==> flow/design.v <==
module ram_block_stage #(
  parameter int DEPTH = 24,
  parameter int WD = 16,
  parameter int AW = $clog2(DEPTH)
) (
  input logic clk_i,
  input logic i_rst,
  input logic adv,
  input logic we_in,
  input logic [AW-1:0] wr_addr_in,
  input logic [WD-1:0] d_in,
  input logic [AW-1:0] rsel0_in,
  input logic [AW-1:0] rsel1_in,
  output logic [WD-1:0] rd0_out,
  output logic [WD-1:0] rd1_out
);
  logic [WD-1:0] store [0:DEPTH-1];
  always_ff @(posedge clk_i) begin
    if (adv && we_in)
      store[wr_addr_in] <= d_in;
  end
  logic [WD-1:0] rd0_ff;
  assign rd0_out = rd0_ff;
  logic [WD-1:0] rd1_ff;
  assign rd1_out = rd1_ff;
  always_ff @(posedge clk_i) begin
    if (i_rst) begin
      rd0_ff <= 0;
      rd1_ff <= 0;
    end else if (adv) begin
      rd0_ff <= store[rsel0_in];
      rd1_ff <= store[rsel1_in];
    end
  end
endmodule
# From RTL to reports: ram_block_stage
# Tool output for the design above, in the order of the flow.
# Lines are those of the file above, counted from 1.
# Library cell names are shortened.
# Not given: --
# design
top	ram_block_stage
clock_port	clk_i
cell_library	sky130hd
corner	tt_025C_1v80

# Word level
# Yosys after proc, flatten, opt, wreduce and memory -nomap, before mapping. Enables and synchronous resets that opt folds into registers are not counted as muxes. Memory bits, and registers merged into a memory's read port (data or address), are not among the register bits. Print and check cells are not counted. Equal cells are merged and count once.
# Yosys's memory passes give these memory sizes; they may raise the number of words (mostly to a power of two), join words into wider ones and drop unused or constant bits.
# op_classes
n_mux	3
reduce_and_logical	1
# op_table
cell	count
16-bit two-way mux	1
5-bit two-way mux	1
1-bit logical AND	1
1-bit two-way mux	1
# bits
reg_bits	0
ramBits	384
clocked_rd_ports_x_width	32
memories	1
in_bits	35
out_inout_bits	32
wordCells	5
# mem_list
memory	words	width	rd	write_ports	line	source
store	24	16	2	1	17	logic [WD-1:0] store [0:DEPTH-1];

# Longest topological paths
# Depth = most cells in a row (Yosys ltp): at word level without a register or memory, in the mapped netlist without a sequential cell, where the memories' decode and read muxes count.
# depth
depth_word	2
abc_area	1
ltp_mapped	10
depth_no_buf	8

# Netlist
# Yosys stat after the flow's synthesis: flattened, memories mapped to cells. It holds for the ABC_AREA given above (unset counts as 0); a run with the other value may have another netlist.
# The area totals of this step are shown rounded.
# mapped
mapped_cells	2652
synth_area_mm2	0.02166
ff_cells	416
# types
type	count
edfxtp_1	384
nand3_1	682
nand2_1	865
inv_1	429
dfxtp_1	32
buf_2	107
a21oi_1	32
o21ai_0	32
clkbuf_1	35
nor2_1	24
buf_1	18
buf_4	8
inv_2	4

# Timing after synthesis
# Source: OpenSTA report_checks on the synthesized netlist (no wires, ideal clock, input and output delay 20% of the period each), path of least setup slack; recovery checks are left aside. Register names are those of the netlist, which keeps one name where synthesis merged equal registers.
# synth_path
kind	input to register
from	in adv
to	mem store[0][0]
clock_period_ps	2800
input_delay_ps	560
launch_ps	560
t_arrival_ps	1855
setup_slack_ps	557
path_delay_ps	1683
stages	5
period_less_setup_slack_ps	2243
# "path_delay_ps" is the arrival time less input delay plus setup time.
# "stages" counts driving pins, that of a launching flip-flop among them; a cell with two outputs on the path counts twice.
# "period_less_setup_slack_ps" = period - worst setup slack (recovery checks aside). The figure is calculated, with input and output delays left at 20% of the set period.
# The rows between start and end are the longest chain of elaborated cells between them; the timing report does not say that the signal goes this way. Where chains are equally long, one stands for them.
# A line is the first line of the expression or statement that the cell stems from. Yosys adds cells for indexed reads and writes and turns some case tables into memories.
# The path ends at the enable pin of a flip-flop; only ways to that pin are counted.
# synth_via
cell_sequence	clkbuf_1 nand2_1 inv_1 nand3_1 nor2_1
elab_chain_len	2
# synth_lines
item	line	source
start, declared	8	input logic adv,
1-bit logical AND	19	if (adv && we_in)
5-bit two-way mux	19
end, declared	17	logic [WD-1:0] store [0:DEPTH-1];

# Path in the finished layout
# From the final timing report of job 1: the path of least setup slack in the routed layout; clock arrival at registers is part of the times.
# The report prints the path's times to 10 ps; the period is as set.
# layout_path
kind	register to output
from	reg rd0_ff[10]
to	out rd0_out[10]
clock_period_ps	4430
launch_ps	580
t_arrival_ps	1730
setup_slack_ps	1820
stages	2
# layout_via
cell_sequence	dfxtp_1 clkdlybuf4s50_1
elab_chain_len	0
# layout_lines
item	line	source
start, declared	22	logic [WD-1:0] rd0_ff;
end, declared	14	output logic [WD-1:0] rd0_out,

# Record of 3 stored runs of the RTL-to-layout flow on ram_block_stage, platform sky130hd. The runs are unordered. Constraints: input delay and output delay 20% of the set period each, output load 0.01 pF.
# "achieved_period_ps" is the run's clock period less its worst setup slack. It is reckoned from that one timing run; input and output delays stay at 20% of the period that was set.
# "worstPathTime_ps" is the time allowed to the run's worst setup path (the clock period less input and output delay, where it has them) less its slack. Clock arrival times count: a late capture clock shortens it, a late launch clock lengthens it.
# "design_power_uw" is the tool's figure for a default switching activity; nothing was simulated.
# "worstPathTime_ps" is known to 10 ps.
# Measured values are rounded.
# Among the settings, n/a means not set for that run.
run name	period_ns	CORE_UTILIZATION	SETUP_SLACK_MARGIN	PLACE_DENSITY_LB_ADDON	CORE_ASPECT_RATIO	CORE_MARGIN	CELL_PAD_IN_SITES_GLOBAL_PLACEMENT	TNS_END_PERCENT	ABC_AREA	SLEW_MARGIN	MAX_ROUTING_LAYER	CAP_MARGIN	CELL_PAD_IN_SITES_DETAIL_PLACEMENT	CTS_CLUSTER_SIZE	MIN_ROUTING_LAYER	synth_chip_area_mm2	design_die_area_mm2	post_route_stdcell_area_mm2	layout_utilization_frac	final_setup_ws_ps	ws_hold_ps	design_power_uw	achieved_period_ps	worstPathTime_ps	path_kind
job 1	4.43	40	-0.35	0.16	0.97	8	2	35	1	0	met4	20	n/a	n/a	n/a	0.02166	0.06186	0.02452	0.455	1819	543	9222	2611	1730	register to output
job 2	2.8	40	n/a	n/a	n/a	2	n/a	n/a	n/a	20	n/a	20	n/a	n/a	n/a	0.01942	0.05033	0.02292	0.479	595	459	14000	2205	1640	register to output
job 3	2.14	17	n/a	0.2	1.06	2	n/a	n/a	n/a	20	n/a	40	0	81	met1	0.01942	0.117	0.02585	0.228	94	255	19850	2046	1620	register to output
